==> flow/design.v <==
module my_data_mux_n #(
    parameter integer DATA_W = 10
) (
    input  wire clock,
    input  wire aresetn,
    input  wire [DATA_W-1:0] bus0_i,
    input  wire [DATA_W-1:0] bus1_i,
    input  wire [DATA_W-1:0] bus2_i,
    input  wire [DATA_W-1:0] bus3_i,
    input  wire [DATA_W-1:0] bus4_i,
    input  wire [DATA_W-1:0] bus5_i,
    input  wire [2:0] pick_i,
    output reg [DATA_W-1:0] data_out_o
);
    reg [DATA_W-1:0] val;
    always @* begin
        case (pick_i)
            3'd0: val = bus0_i;
            3'd1: val = bus1_i;
            3'd2: val = bus2_i;
            3'd3: val = bus3_i;
            3'd4: val = bus4_i;
            default: val = bus5_i;
        endcase
    end
    always @(posedge clock) begin
        if (~aresetn) begin
            data_out_o <= 0;
        end else begin
            data_out_o <= val;
        end
    end
endmodule
# Step by step through the tools: my_data_mux_n
# Module my_data_mux_n in several versions that differ in "inputs"; each step lists the members.
# The RTL above is that of inputs = 6; lines are counted from 1 in the file of the member named.
# Cell names lack the library's common part.
# The mark -- stands for no value.
[inputs] top_module="my_data_mux_n" clock_port="clock" library="sky130hd" corner="tt_025C_1v80"

# Source of the members
# Lines of each other member's file that are new or changed against the file above; lines that a member lacks are not shown.
[src_changes] inputs=7 line_no=12 rtl="input wire [DATA_W-1:0] bus6_i,"
[src_changes] inputs=7 line_no=24 rtl="3'd5: val = bus5_i;"
[src_changes] inputs=7 line_no=25 rtl="default: val = bus6_i;"
[src_changes] inputs=10 line_no=12 rtl="input wire [DATA_W-1:0] bus6_i,"
[src_changes] inputs=10 line_no=13 rtl="input wire [DATA_W-1:0] bus7_i,"
[src_changes] inputs=10 line_no=14 rtl="input wire [DATA_W-1:0] bus8_i,"
[src_changes] inputs=10 line_no=15 rtl="input wire [DATA_W-1:0] bus9_i,"
[src_changes] inputs=10 line_no=16 rtl="input wire [3:0] pick_i,"
[src_changes] inputs=10 line_no=22 rtl="4'd0: val = bus0_i;"
[src_changes] inputs=10 line_no=23 rtl="4'd1: val = bus1_i;"
[src_changes] inputs=10 line_no=24 rtl="4'd2: val = bus2_i;"
[src_changes] inputs=10 line_no=25 rtl="4'd3: val = bus3_i;"
[src_changes] inputs=10 line_no=26 rtl="4'd4: val = bus4_i;"
[src_changes] inputs=10 line_no=27 rtl="4'd5: val = bus5_i;"
[src_changes] inputs=10 line_no=28 rtl="4'd6: val = bus6_i;"
[src_changes] inputs=10 line_no=29 rtl="4'd7: val = bus7_i;"
[src_changes] inputs=10 line_no=30 rtl="4'd8: val = bus8_i;"
[src_changes] inputs=10 line_no=31 rtl="default: val = bus9_i;"
[src_changes] inputs=12 line_no=12 rtl="input wire [DATA_W-1:0] bus6_i,"
[src_changes] inputs=12 line_no=13 rtl="input wire [DATA_W-1:0] bus7_i,"
[src_changes] inputs=12 line_no=14 rtl="input wire [DATA_W-1:0] bus8_i,"
[src_changes] inputs=12 line_no=15 rtl="input wire [DATA_W-1:0] bus9_i,"
[src_changes] inputs=12 line_no=16 rtl="input wire [DATA_W-1:0] bus10_i,"
[src_changes] inputs=12 line_no=17 rtl="input wire [DATA_W-1:0] bus11_i,"
[src_changes] inputs=12 line_no=18 rtl="input wire [3:0] pick_i,"
[src_changes] inputs=12 line_no=24 rtl="4'd0: val = bus0_i;"
[src_changes] inputs=12 line_no=25 rtl="4'd1: val = bus1_i;"
[src_changes] inputs=12 line_no=26 rtl="4'd2: val = bus2_i;"
[src_changes] inputs=12 line_no=27 rtl="4'd3: val = bus3_i;"
[src_changes] inputs=12 line_no=28 rtl="4'd4: val = bus4_i;"
[src_changes] inputs=12 line_no=29 rtl="4'd5: val = bus5_i;"
[src_changes] inputs=12 line_no=30 rtl="4'd6: val = bus6_i;"
[src_changes] inputs=12 line_no=31 rtl="4'd7: val = bus7_i;"
[src_changes] inputs=12 line_no=32 rtl="4'd8: val = bus8_i;"
[src_changes] inputs=12 line_no=33 rtl="4'd9: val = bus9_i;"
[src_changes] inputs=12 line_no=34 rtl="4'd10: val = bus10_i;"
[src_changes] inputs=12 line_no=35 rtl="default: val = bus11_i;"
[src_changes] inputs=16 line_no=12 rtl="input wire [DATA_W-1:0] bus6_i,"
[src_changes] inputs=16 line_no=13 rtl="input wire [DATA_W-1:0] bus7_i,"
[src_changes] inputs=16 line_no=14 rtl="input wire [DATA_W-1:0] bus8_i,"
[src_changes] inputs=16 line_no=15 rtl="input wire [DATA_W-1:0] bus9_i,"
[src_changes] inputs=16 line_no=16 rtl="input wire [DATA_W-1:0] bus10_i,"
[src_changes] inputs=16 line_no=17 rtl="input wire [DATA_W-1:0] bus11_i,"
[src_changes] inputs=16 line_no=18 rtl="input wire [DATA_W-1:0] bus12_i,"
[src_changes] inputs=16 line_no=19 rtl="input wire [DATA_W-1:0] bus13_i,"
[src_changes] inputs=16 line_no=20 rtl="input wire [DATA_W-1:0] bus14_i,"
[src_changes] inputs=16 line_no=21 rtl="input wire [DATA_W-1:0] bus15_i,"
[src_changes] inputs=16 line_no=22 rtl="input wire [3:0] pick_i,"
[src_changes] inputs=16 line_no=28 rtl="4'd0: val = bus0_i;"
[src_changes] inputs=16 line_no=29 rtl="4'd1: val = bus1_i;"
[src_changes] inputs=16 line_no=30 rtl="4'd2: val = bus2_i;"
[src_changes] inputs=16 line_no=31 rtl="4'd3: val = bus3_i;"
[src_changes] inputs=16 line_no=32 rtl="4'd4: val = bus4_i;"
[src_changes] inputs=16 line_no=33 rtl="4'd5: val = bus5_i;"
[src_changes] inputs=16 line_no=34 rtl="4'd6: val = bus6_i;"
[src_changes] inputs=16 line_no=35 rtl="4'd7: val = bus7_i;"
[src_changes] inputs=16 line_no=36 rtl="4'd8: val = bus8_i;"
[src_changes] inputs=16 line_no=37 rtl="4'd9: val = bus9_i;"
[src_changes] inputs=16 line_no=38 rtl="4'd10: val = bus10_i;"
[src_changes] inputs=16 line_no=39 rtl="4'd11: val = bus11_i;"
[src_changes] inputs=16 line_no=40 rtl="4'd12: val = bus12_i;"
[src_changes] inputs=16 line_no=41 rtl="4'd13: val = bus13_i;"
[src_changes] inputs=16 line_no=42 rtl="4'd14: val = bus14_i;"
[src_changes] inputs=16 line_no=43 rtl="default: val = bus15_i;"

# Elaborated design
# Source: Yosys, flattened and elaborated, memories not mapped. Widths are those after wreduce; folded enables and synchronous resets count as part of the registers. Registers that Yosys merges into a memory's read port (data or address) are not register bits. Print and check cells do not count. Equal cells are merged and count once.
[bits] inputs=6 regBits=10 latch_bits=0 ramBits=0 romBits=0 clocked_rd_ports_x_width=0 n_memories=0 input_bits=65 word_cells=7
[bits] inputs=7 regBits=10 latch_bits=0 ramBits=0 romBits=0 clocked_rd_ports_x_width=0 n_memories=0 input_bits=75 word_cells=8
[bits] inputs=10 regBits=10 latch_bits=0 ramBits=0 romBits=0 clocked_rd_ports_x_width=0 n_memories=0 input_bits=106 word_cells=11
[bits] inputs=12 regBits=10 latch_bits=0 ramBits=0 romBits=0 clocked_rd_ports_x_width=0 n_memories=0 input_bits=126 word_cells=13
[bits] inputs=16 regBits=10 latch_bits=0 ramBits=0 romBits=0 clocked_rd_ports_x_width=0 n_memories=0 input_bits=166 word_cells=17
[classes] inputs=6 n_addsub=0 mul=0 n_div=0 compare=0 n_eq=4 shift=0 muxes=1 n_logic=0 reduce_and_logical=1
[classes] inputs=7 n_addsub=0 mul=0 n_div=0 compare=0 n_eq=5 shift=0 muxes=1 n_logic=0 reduce_and_logical=1
[classes] inputs=10 n_addsub=0 mul=0 n_div=0 compare=0 n_eq=8 shift=0 muxes=1 n_logic=0 reduce_and_logical=1
[classes] inputs=12 n_addsub=0 mul=0 n_div=0 compare=0 n_eq=10 shift=0 muxes=1 n_logic=0 reduce_and_logical=1
[classes] inputs=16 n_addsub=0 mul=0 n_div=0 compare=0 n_eq=14 shift=0 muxes=1 n_logic=0 reduce_and_logical=1
[op_table] inputs=6 operators="10-bit case mux with 5-bit select (1); 3-bit by 2-bit == test with 1-bit output (second input constant) (2); 3-bit by 1-bit == test with 1-bit output (second input constant) (1); 3-bit == test (second input constant) (1); 3-bit logical NOT (1)"
[op_table] inputs=7 operators="10-bit case mux with 6-bit select (1); 3-bit by 2-bit == test with 1-bit output (second input constant) (2); 3-bit == test (second input constant) (2); 3-bit by 1-bit == test with 1-bit output (second input constant) (1); 3-bit logical NOT (1)"
[op_table] inputs=10 operators="10-bit case mux with 9-bit select (1); 4-bit by 3-bit == test with 1-bit output (second input constant) (4); 4-bit by 2-bit == test with 1-bit output (second input constant) (2); 4-bit by 1-bit == test with 1-bit output (second input constant) (1); 4-bit == test (second input constant) (1); 4-bit logical NOT (1)"
[op_table] inputs=12 operators="10-bit case mux with 11-bit select (1); 4-bit by 3-bit == test with 1-bit output (second input constant) (4); 4-bit == test (second input constant) (3); 4-bit by 2-bit == test with 1-bit output (second input constant) (2); 4-bit by 1-bit == test with 1-bit output (second input constant) (1); 4-bit logical NOT (1)"
[op_table] inputs=16 operators="10-bit case mux with 15-bit select (1); 4-bit == test (second input constant) (7); 4-bit by 3-bit == test with 1-bit output (second input constant) (4); 4-bit by 2-bit == test with 1-bit output (second input constant) (2); 4-bit by 1-bit == test with 1-bit output (second input constant) (1); 4-bit logical NOT (1)"

# Longest topological paths
# Depth = most cells in a row (Yosys ltp): at word level without a register or memory, in the mapped netlist without a sequential cell, where the memories' decode and read muxes count.
[depth] inputs=6 ltp_word=2 ABC_AREA=0 mapped_depth=5 mapped_depth_nobuf=4
[depth] inputs=7 ltp_word=2 ABC_AREA=0 mapped_depth=6 mapped_depth_nobuf=4
[depth] inputs=10 ltp_word=2 ABC_AREA=0 mapped_depth=7 mapped_depth_nobuf=4
[depth] inputs=12 ltp_word=2 ABC_AREA=0 mapped_depth=7 mapped_depth_nobuf=4
[depth] inputs=16 ltp_word=2 ABC_AREA=0 mapped_depth=7 mapped_depth_nobuf=4

# Synthesis result
# Yosys stat after the flow's synthesis: flattened, memories mapped to cells. It holds for the ABC_AREA given above (unset counts as 0); a run with the other value may have another netlist.
# Totals and module areas in this step are rounded.
[synth_totals] inputs=6 stdcells=99 area_um2=786 seq_area_um2=200 flip_flops=10 buf_cells=9
[synth_totals] inputs=7 stdcells=85 area_um2=875 seq_area_um2=200 flip_flops=10 buf_cells=8
[synth_totals] inputs=10 stdcells=171 area_um2=1310 seq_area_um2=200 flip_flops=10 buf_cells=19
[synth_totals] inputs=12 stdcells=192 area_um2=1510 seq_area_um2=200 flip_flops=10 buf_cells=23
[synth_totals] inputs=16 stdcells=238 area_um2=1860 seq_area_um2=200 flip_flops=10 buf_cells=23
[by_type] inputs=6 type_list="dfxtp_1 (10); a22oi_1 (7); o211a_1 (5); nand2_1 (12); o22a_1 (5); a21oi_1 (8); o22ai_1 (6); o2111ai_1 (4); mux2_2 (3); a21o_1 (4); buf_2 (6); o21ai_0 (5); o21ai_1 (5); o21a_1 (3); mux2_4 (1); or2_0 (2); buf_6 (1); inv_1 (3); (+9)"
[by_type] inputs=7 type_list="dfxtp_1 (10); mux2i_1 (20); mux4_2 (6); buf_6 (5); nor2b_1 (6); a32oi_1 (4); a211oi_1 (4); o21a_1 (4); o21ai_0 (6); nand2_1 (6); a21oi_1 (4); buf_12 (1); o21ai_1 (4); nor3b_2 (1); clkdlybuf4s25_2 (1); nand2b_1 (1); buf_2 (1); inv_1 (1)"
[by_type] inputs=10 type_list="dfxtp_1 (10); a21oi_1 (18); mux2_2 (8); mux4_2 (3); mux2i_1 (6); a21o_1 (6); buf_6 (4); nor2_1 (12); a31oi_1 (7); buf_2 (8); nor3_1 (8); o21ai_0 (8); o22ai_1 (6); nand2b_1 (5); buf_4 (4); nand3_1 (6); o221ai_1 (3); a221o_1 (2); (+47)"
[by_type] inputs=12 type_list="dfxtp_1 (10); o21ai_0 (23); a31oi_1 (11); mux2i_1 (6); nand3_1 (12); buf_6 (5); a311oi_1 (6); buf_4 (7); a221o_1 (5); a21oi_1 (9); a22oi_1 (6); mux2_2 (4); a2bb2oi_1 (4); buf_2 (7); mux2_1 (3); a32o_1 (3); a41o_1 (3); and4b_1 (3); (+65)"
[by_type] inputs=16 type_list="mux2i_1 (31); dfxtp_1 (10); nand3b_1 (16); a22o_1 (12); and2_1 (12); o221ai_1 (8); a31oi_1 (11); o21ai_0 (11); a21o_1 (7); o2bb2ai_1 (6); buf_6 (4); mux2_2 (4); o22ai_1 (7); nor2_1 (11); a21oi_1 (8); buf_2 (8); buf_4 (5); nor2b_1 (6); (+61)"
# The mark (+n) counts cells that are not listed.

# Worst setup path after synthesis
# OpenSTA on the mapped netlist: ideal clock, no wires. The path of least setup slack (recovery checks aside). Input and output delay are each 20% of the period. Register names are those of the netlist, which keeps one name where synthesis merged equal registers.
[synth_timing] inputs=6 path_kind="input to register" startpoint="in pick_i[1]" endpoint="reg data_out_o[1]" clock_period_ps=1310 path_slack_ps=209 stages=5 delay_ps=839 period_less_setup_slack_ps=1101
[synth_timing] inputs=7 path_kind="input to register" startpoint="in pick_i[0]" endpoint="reg data_out_o[0]" clock_period_ps=1450 path_slack_ps=229 stages=4 delay_ps=931 period_less_setup_slack_ps=1221
[synth_timing] inputs=10 path_kind="input to register" startpoint="in pick_i[0]" endpoint="reg data_out_o[3]" clock_period_ps=1590 path_slack_ps=256 stages=5 delay_ps=1015 period_less_setup_slack_ps=1334
[synth_timing] inputs=12 path_kind="input to register" startpoint="in pick_i[2]" endpoint="reg data_out_o[2]" clock_period_ps=1640 path_slack_ps=263 stages=5 delay_ps=1049 period_less_setup_slack_ps=1377
[synth_timing] inputs=16 path_kind="input to register" startpoint="in pick_i[1]" endpoint="reg data_out_o[2]" clock_period_ps=1690 path_slack_ps=269 stages=5 delay_ps=1082 period_less_setup_slack_ps=1421
# "delay_ps" = arrival - input delay + setup time.
# "stages": output pins that drive a net of the path, with the launching flip-flop's if there is one; two outputs of one cell count as two.
# "period_less_setup_slack_ps" = period - worst setup slack (recovery checks aside). The figure is calculated, with input and output delays left at 20% of the set period.
# The rows between start and end are the longest chain of elaborated cells between them; the timing report does not say that the signal goes this way. Where chains are equally long, one stands for them.
# Each line given opens the expression or statement behind the cell; cells for indexed reads and writes are added by Yosys, which also makes memories of some case tables.
[synth_between_inputs_6] elab_chain_cells=2
[synth_rtl_inputs_6] element="from (decl)" line_no=12 rtl="input  wire [2:0] pick_i,"
[synth_rtl_inputs_6] element="3-bit == test" line_no=17 rtl="case (pick_i)"
[synth_rtl_inputs_6] element="10-bit case mux with 5-bit select" line_no=17
[synth_rtl_inputs_6] element="to (assign)" line_no=28 rtl="data_out_o <= 0;"
[synth_rtl_inputs_6] element="to (assign)" line_no=30 rtl="data_out_o <= val;"
[synth_rtl_inputs_6] element="to (decl)" line_no=13 rtl="output reg [DATA_W-1:0] data_out_o"
[synth_between_inputs_16] elab_chain_cells=2
[synth_rtl_inputs_16] element="from (decl)" line_no=22 rtl="input  wire [3:0] pick_i,"
[synth_rtl_inputs_16] element="4-bit == test" line_no=27 rtl="case (pick_i)"
[synth_rtl_inputs_16] element="10-bit case mux with 15-bit select" line_no=27
[synth_rtl_inputs_16] element="to (assign)" line_no=48 rtl="data_out_o <= 0;"
[synth_rtl_inputs_16] element="to (assign)" line_no=50 rtl="data_out_o <= val;"
[synth_rtl_inputs_16] element="to (decl)" line_no=23 rtl="output reg [DATA_W-1:0] data_out_o"

# Timing after layout
# Path of least setup slack in the final report of each member's run (OpenROAD, finished layout, wires in). Where an end is a register, its clock arrival counts in the times.
# The path's times are printed in steps of 10 ps; the period is the one set.
[layout_timing] inputs=6 path_kind="input to register" startpoint="in pick_i[0]" endpoint="reg data_out_o[9]" clock_period_ps=1310 path_slack_ps=90 stages=7 t_arrival_ps=1440
[layout_timing] inputs=7 path_kind="register to output" startpoint="reg data_out_o[6]" endpoint="out data_out_o[6]" clock_period_ps=1450 path_slack_ps=50 stages=2 t_arrival_ps=1110
[layout_timing] inputs=10 path_kind="input to register" startpoint="in pick_i[1]" endpoint="reg data_out_o[4]" clock_period_ps=1590 path_slack_ps=80 stages=7 t_arrival_ps=1650
[layout_timing] inputs=12 path_kind="input to register" startpoint="in bus2_i[9]" endpoint="reg data_out_o[9]" clock_period_ps=1640 path_slack_ps=110 stages=5 t_arrival_ps=1650
[layout_timing] inputs=16 path_kind="input to register" startpoint="in bus14_i[2]" endpoint="reg data_out_o[2]" clock_period_ps=1690 path_slack_ps=90 stages=5 t_arrival_ps=1710

# Flow runs
# One run of the flow (Yosys, OpenROAD) for each member, with settings and measured results. Input and output delays are each 20% of the period that was set; the output load is 0.01 pF.
[flow_settings] CAP_MARGIN=20 CORE_MARGIN=2 CORE_UTILIZATION=40 SLEW_MARGIN=20
[settings_by_member] inputs=6 period_ns=1.31
[settings_by_member] inputs=7 period_ns=1.45
[settings_by_member] inputs=10 period_ns=1.59
[settings_by_member] inputs=12 period_ns=1.64
[settings_by_member] inputs=16 period_ns=1.69
[results] inputs=6 synthesis_area_um2=786 final_die_area_um2=2330 layout_stdcell_area_um2=1680 util_frac=0.882 worst_setup_slack_ps=86 tns_setup_ps=0 holdWs_ps=628 power_total_mw=1.10
[results] inputs=7 synthesis_area_um2=875 final_die_area_um2=2580 layout_stdcell_area_um2=1780 util_frac=0.879 worst_setup_slack_ps=49 tns_setup_ps=0 holdWs_ps=768 power_total_mw=0.943
[results] inputs=10 synthesis_area_um2=1310 final_die_area_um2=3760 layout_stdcell_area_um2=2610 util_frac=0.849 worst_setup_slack_ps=79 tns_setup_ps=0 holdWs_ps=637 power_total_mw=1.12
[results] inputs=12 synthesis_area_um2=1510 final_die_area_um2=4280 layout_stdcell_area_um2=3090 util_frac=0.851 worst_setup_slack_ps=108 tns_setup_ps=0 holdWs_ps=573 power_total_mw=1.33
[results] inputs=16 synthesis_area_um2=1860 final_die_area_um2=5200 layout_stdcell_area_um2=3790 util_frac=0.858 worst_setup_slack_ps=90 tns_setup_ps=0 holdWs_ps=610 power_total_mw=1.42
# "power_total_mw": no workload was simulated; the value follows from the tool's default switching activity.
# The measured numbers are rounded.
